==> flow/design.v <==
module gen_chooser_v2 #(
  parameter integer XLEN = 48,
  parameter integer WAYS = 7,
  parameter integer LOGN = $clog2(WAYS)
) (
  input  CLK,
  input  [WAYS*XLEN-1:0] src,
  input  [LOGN-1:0] select,
  output [XLEN-1:0] result
);
  reg [WAYS*XLEN-1:0] r_src;
  reg [LOGN-1:0] r_select;
  reg [XLEN-1:0] nxt;
  integer i;
  always @(*) begin
    nxt = 0;
    for (i = 0; i < WAYS; i = i + 1)
      if (r_select == i) nxt = r_src[i*XLEN +: XLEN];
  end
  reg [XLEN-1:0] r_result;
  assign result = r_result;
  always @(posedge CLK) begin
    r_src <= src;
    r_select <= select;
    r_result <= nxt;
  end
endmodule
From RTL to reports: gen_chooser_v2 --
What the tools print for gen_chooser_v2, step after step. Lines are those of the file above, counted from 1. Operators carry their Yosys type and port widths (W data, S select, Z words). Library cell names are shortened. The mark n/a stands for no value.
Design: top module gen_chooser_v2, clock port CLK, cell library sky130hd, library corner tt_025C_1v80

Elaborated design --
Source: Yosys, flattened and elaborated, memories not mapped. Widths are those after wreduce; folded enables and synchronous resets count as part of the registers. Registers that Yosys merges into a memory's read port (data or address) are not register bits. Print and check cells do not count. Equal cells are merged and count once.
Bit counts: register bits after elaboration 387, output and inout port bits 48, input bits 340
Cells by class: mux-type cells 7, eq/ne operators 6, reductions and logical operators 1
Operators with widths (number):
- $mux W48 | 7
- $eq A3 B3 Y1 const B | 3
- $eq A3 B2 Y1 const B | 2
- $eq A3 B1 Y1 const B | 1
- $logic_not A3 Y1 | 1

Depth --
Depth = most cells in a row (Yosys ltp): at word level without a register or memory, in the mapped netlist without a sequential cell, where the memories' decode and read muxes count.
Depth: word-level depth 8, ABC_AREA 0, mapped depth 7

Netlist --
The flow's flattened synthesis, as Yosys stat reports it; memories are mapped. The netlist is that of the ABC_AREA named above (0 if unset); the other value can give another one. The area totals of this step are shown rounded.
Synthesis totals: mapped area 11200 sq um, flip-flops 387, sequential area 7750 sq um, mapped cells 838, buffers 62
Cell types (number):
- dfxtp_1 | 387
- mux2_2 | 48
- mux2i_1 | 48
- o2bb2ai_1 | 48
- o32ai_1 | 48
- a221oi_1 | 41
- nand2b_1 | 49
- a21oi_1 | 48
- nor2_1 | 48
- a221oi_2 | 7
- clkbuf_1 | 28
- buf_6 | 7
- buf_2 | 15
- buf_4 | 10
- and3_4 | 1
- nor2b_2 | 1
- buf_1 | 2
- inv_2 | 1
- nand2_1 | 1

Timing after synthesis --
OpenSTA on the mapped netlist: ideal clock, no wires. The path of least setup slack (recovery checks aside). Input and output delay are each 20% of the period. Register names are those of the netlist, which keeps one name where synthesis merged equal registers.
Timing after synthesis: path kind flip-flop to flip-flop, start point register r_select[0], end point register r_result[14], path delay 1.394 ns, data arrival time 1.272 ns, path slack 0.346 ns, launch time at the first pin 0.000 ns, period 1.74 ns, path buffers 2, stages 6, data required time 1.618 ns, synthesis period reached 1.394 ns
"path delay" is the arrival time less input delay plus setup time. "stages": output pins that drive a net of the path, with the launching flip-flop's if there is one; two outputs of one cell count as two. "synthesis period reached" = period - worst setup slack (recovery checks aside). The figure is calculated, with input and output delays left at 20% of the set period. The rows between start and end are the longest chain of elaborated cells between them; the timing report does not say that the signal goes this way. Where chains are equally long, one stands for them. A line is the first line of the expression or statement that the cell stems from. Yosys adds cells for indexed reads and writes and turns some case tables into memories.
Between the ends, after synthesis: cells stage by stage dfxtp_1 > buf_4 > buf_2 > mux2_2 > o32ai_1 > nor2_1, cells in the longest elaborated chain 8
RTL lines, path after synthesis:
- start, declared | line 12 | reg [LOGN-1:0] r_select;
- start, assigned | line 24 | r_select <= select;
- $logic_not A3 Y1 | line 18 | if (r_select == i) nxt = r_src[i*XLEN +: XLEN];
- $mux W48 x7 | line 18
- end, assigned | line 25 | r_result <= nxt;
- end, declared | line 20 | reg [XLEN-1:0] r_result;

Path in the finished layout --
From the final timing report of flow run A: the path of least setup slack in the routed layout; clock arrival at registers is part of the times.
Timing post-layout: path kind flip-flop to flip-flop, start point register r_select[0], end point register r_result[18], path slack -0.41 ns, launch time at the first pin 0.52 ns, period 1.34 ns, stages 7, data required time 1.74 ns, path buffers 2, data arrival time 2.15 ns
The rows between start and end are the longest chain of elaborated cells between them; the timing report does not say that the signal goes this way. Where chains are equally long, one stands for them.
Between the ends, post-layout: cells stage by stage dfxtp_4 > buf_12 > buf_12 > mux2i_1 > o2bb2ai_1 > a221oi_2 > nor2_1, cells in the longest elaborated chain 8
RTL lines, path post-layout:
- start, declared | line 12 | reg [LOGN-1:0] r_select;
- start, assigned | line 24 | r_select <= select;
- $logic_not A3 Y1 | line 18 | if (r_select == i) nxt = r_src[i*XLEN +: XLEN];
- $mux W48 x7 | line 18
- end, assigned | line 25 | r_result <= nxt;
- end, declared | line 20 | reg [XLEN-1:0] r_result;

Measured results for gen_chooser_v2: 3 stored runs of the Yosys and OpenROAD flow on sky130hd. The settings differ; the order carries no meaning. The constraints put input and output delay at 20% of the set period each and load the outputs with 0.01 pF.
"achieved period" is the run's clock period less its worst setup slack. It is reckoned from that one timing run; input and output delays stay at 20% of the period that was set.
"time of the worst setup path" is the time allowed to the run's worst setup path (the clock period less input and output delay, where it has them) less its slack. Clock arrival times count: a late capture clock shortens it, a late launch clock lengthens it.
"power consumption" rests on the timing tool's default activity at the inputs, not on a simulated workload.
Values from the reports are rounded here.

[flow run A] flow files
==> flow/run.sh <==
#!/bin/bash
# the make line also repeats the synthesis and layout settings of config.mk as NAME=value (left out here)
make -C /OpenROAD-flow-scripts/flow DESIGN_CONFIG=/design/flow/config.mk WORK_HOME=/design/flow/orfs CLKGATE_MAP_FILE= finish
==> flow/config.mk <==
export PLATFORM = sky130hd
export DESIGN_NAME = gen_chooser_v2
export DESIGN_NICKNAME = gen_chooser_v2
export VERILOG_FILES = /design/flow/design.v
export SDC_FILE = /design/flow/constraint.sdc
export NUM_CORES = 4
export LEC_CHECK = 0
export ABC_AREA = 0
export CAP_MARGIN = 20
export CORE_MARGIN = 2
export CORE_UTILIZATION = 58
export CTS_CLUSTER_DIAMETER = 281
export MIN_ROUTING_LAYER = met1
export PLACE_DENSITY_LB_ADDON = 0.29
export SETUP_SLACK_MARGIN = 0.38
export SLEW_MARGIN = 20
export TNS_END_PERCENT = 10
==> flow/constraint.sdc <==
create_clock -name core_clock -period 1.34 [get_ports {CLK}]
set_input_delay 0.2680 -clock core_clock [delete_from_list [all_inputs] [get_ports {CLK}]]
set_output_delay 0.2680 -clock core_clock [all_outputs]
set_load 0.01 [all_outputs]

[flow run A] result: time of the worst setup path 1.75 ns; critical path kind flip-flop to flip-flop; post-layout utilization 92.5%; standard-cell area after layout 17,400 sq um; synthesized cell area 11,200 sq um; full die area 20,400 sq um; lowest setup slack -0.413 ns; smallest hold slack 0.176 ns; achieved period 1.753 ns; power consumption 26.9 mW; total negative slack -11.3 ns

[flow run B] flow files
==> flow/run.sh <==
#!/bin/bash
# the make line also repeats the synthesis and layout settings of config.mk as NAME=value (left out here)
make -C /OpenROAD-flow-scripts/flow DESIGN_CONFIG=/design/flow/config.mk WORK_HOME=/design/flow/orfs CLKGATE_MAP_FILE= finish
==> flow/config.mk <==
export PLATFORM = sky130hd
export DESIGN_NAME = gen_chooser_v2
export DESIGN_NICKNAME = gen_chooser_v2
export VERILOG_FILES = /design/flow/design.v
export SDC_FILE = /design/flow/constraint.sdc
export NUM_CORES = 4
export LEC_CHECK = 0
export CAP_MARGIN = 20
export CORE_MARGIN = 2
export CORE_UTILIZATION = 40
export SLEW_MARGIN = 20
==> flow/constraint.sdc <==
create_clock -name core_clock -period 1.74 [get_ports {CLK}]
set_input_delay 0.3480 -clock core_clock [delete_from_list [all_inputs] [get_ports {CLK}]]
set_output_delay 0.3480 -clock core_clock [all_outputs]
set_load 0.01 [all_outputs]

[flow run B] result: standard-cell area after layout 16,700 sq um; power consumption 19.4 mW; achieved period 1.706 ns; smallest hold slack 0.273 ns; synthesized cell area 11,200 sq um; lowest setup slack 0.034 ns; total negative slack 0.000 ns; post-layout utilization 60.4%; full die area 29,300 sq um; time of the worst setup path 1.36 ns; critical path kind flip-flop to output port

[flow run C] flow files
==> flow/run.sh <==
#!/bin/bash
# the make line also repeats the synthesis and layout settings of config.mk as NAME=value (left out here)
make -C /OpenROAD-flow-scripts/flow DESIGN_CONFIG=/design/flow/config.mk WORK_HOME=/design/flow/orfs CLKGATE_MAP_FILE= finish
==> flow/config.mk <==
export PLATFORM = sky130hd
export DESIGN_NAME = gen_chooser_v2
export DESIGN_NICKNAME = gen_chooser_v2
export VERILOG_FILES = /design/flow/design.v
export SDC_FILE = /design/flow/constraint.sdc
export NUM_CORES = 4
export LEC_CHECK = 0
export CAP_MARGIN = 20
export CELL_PAD_IN_SITES_DETAIL_PLACEMENT = 1
export CORE_MARGIN = 2
export CORE_UTILIZATION = 56
export CTS_CLUSTER_DIAMETER = 366
export GPL_ROUTABILITY_DRIVEN = 1
export MIN_ROUTING_LAYER = met1
export PLACE_DENSITY = 0.48
export SETUP_SLACK_MARGIN = 0.14
export SLEW_MARGIN = 20
==> flow/constraint.sdc <==
create_clock -name core_clock -period 1.35 [get_ports {CLK}]
set_input_delay 0.2700 -clock core_clock [delete_from_list [all_inputs] [get_ports {CLK}]]
set_output_delay 0.2700 -clock core_clock [all_outputs]
set_load 0.01 [all_outputs]

[flow run C] result: unfinished; tool error in placement
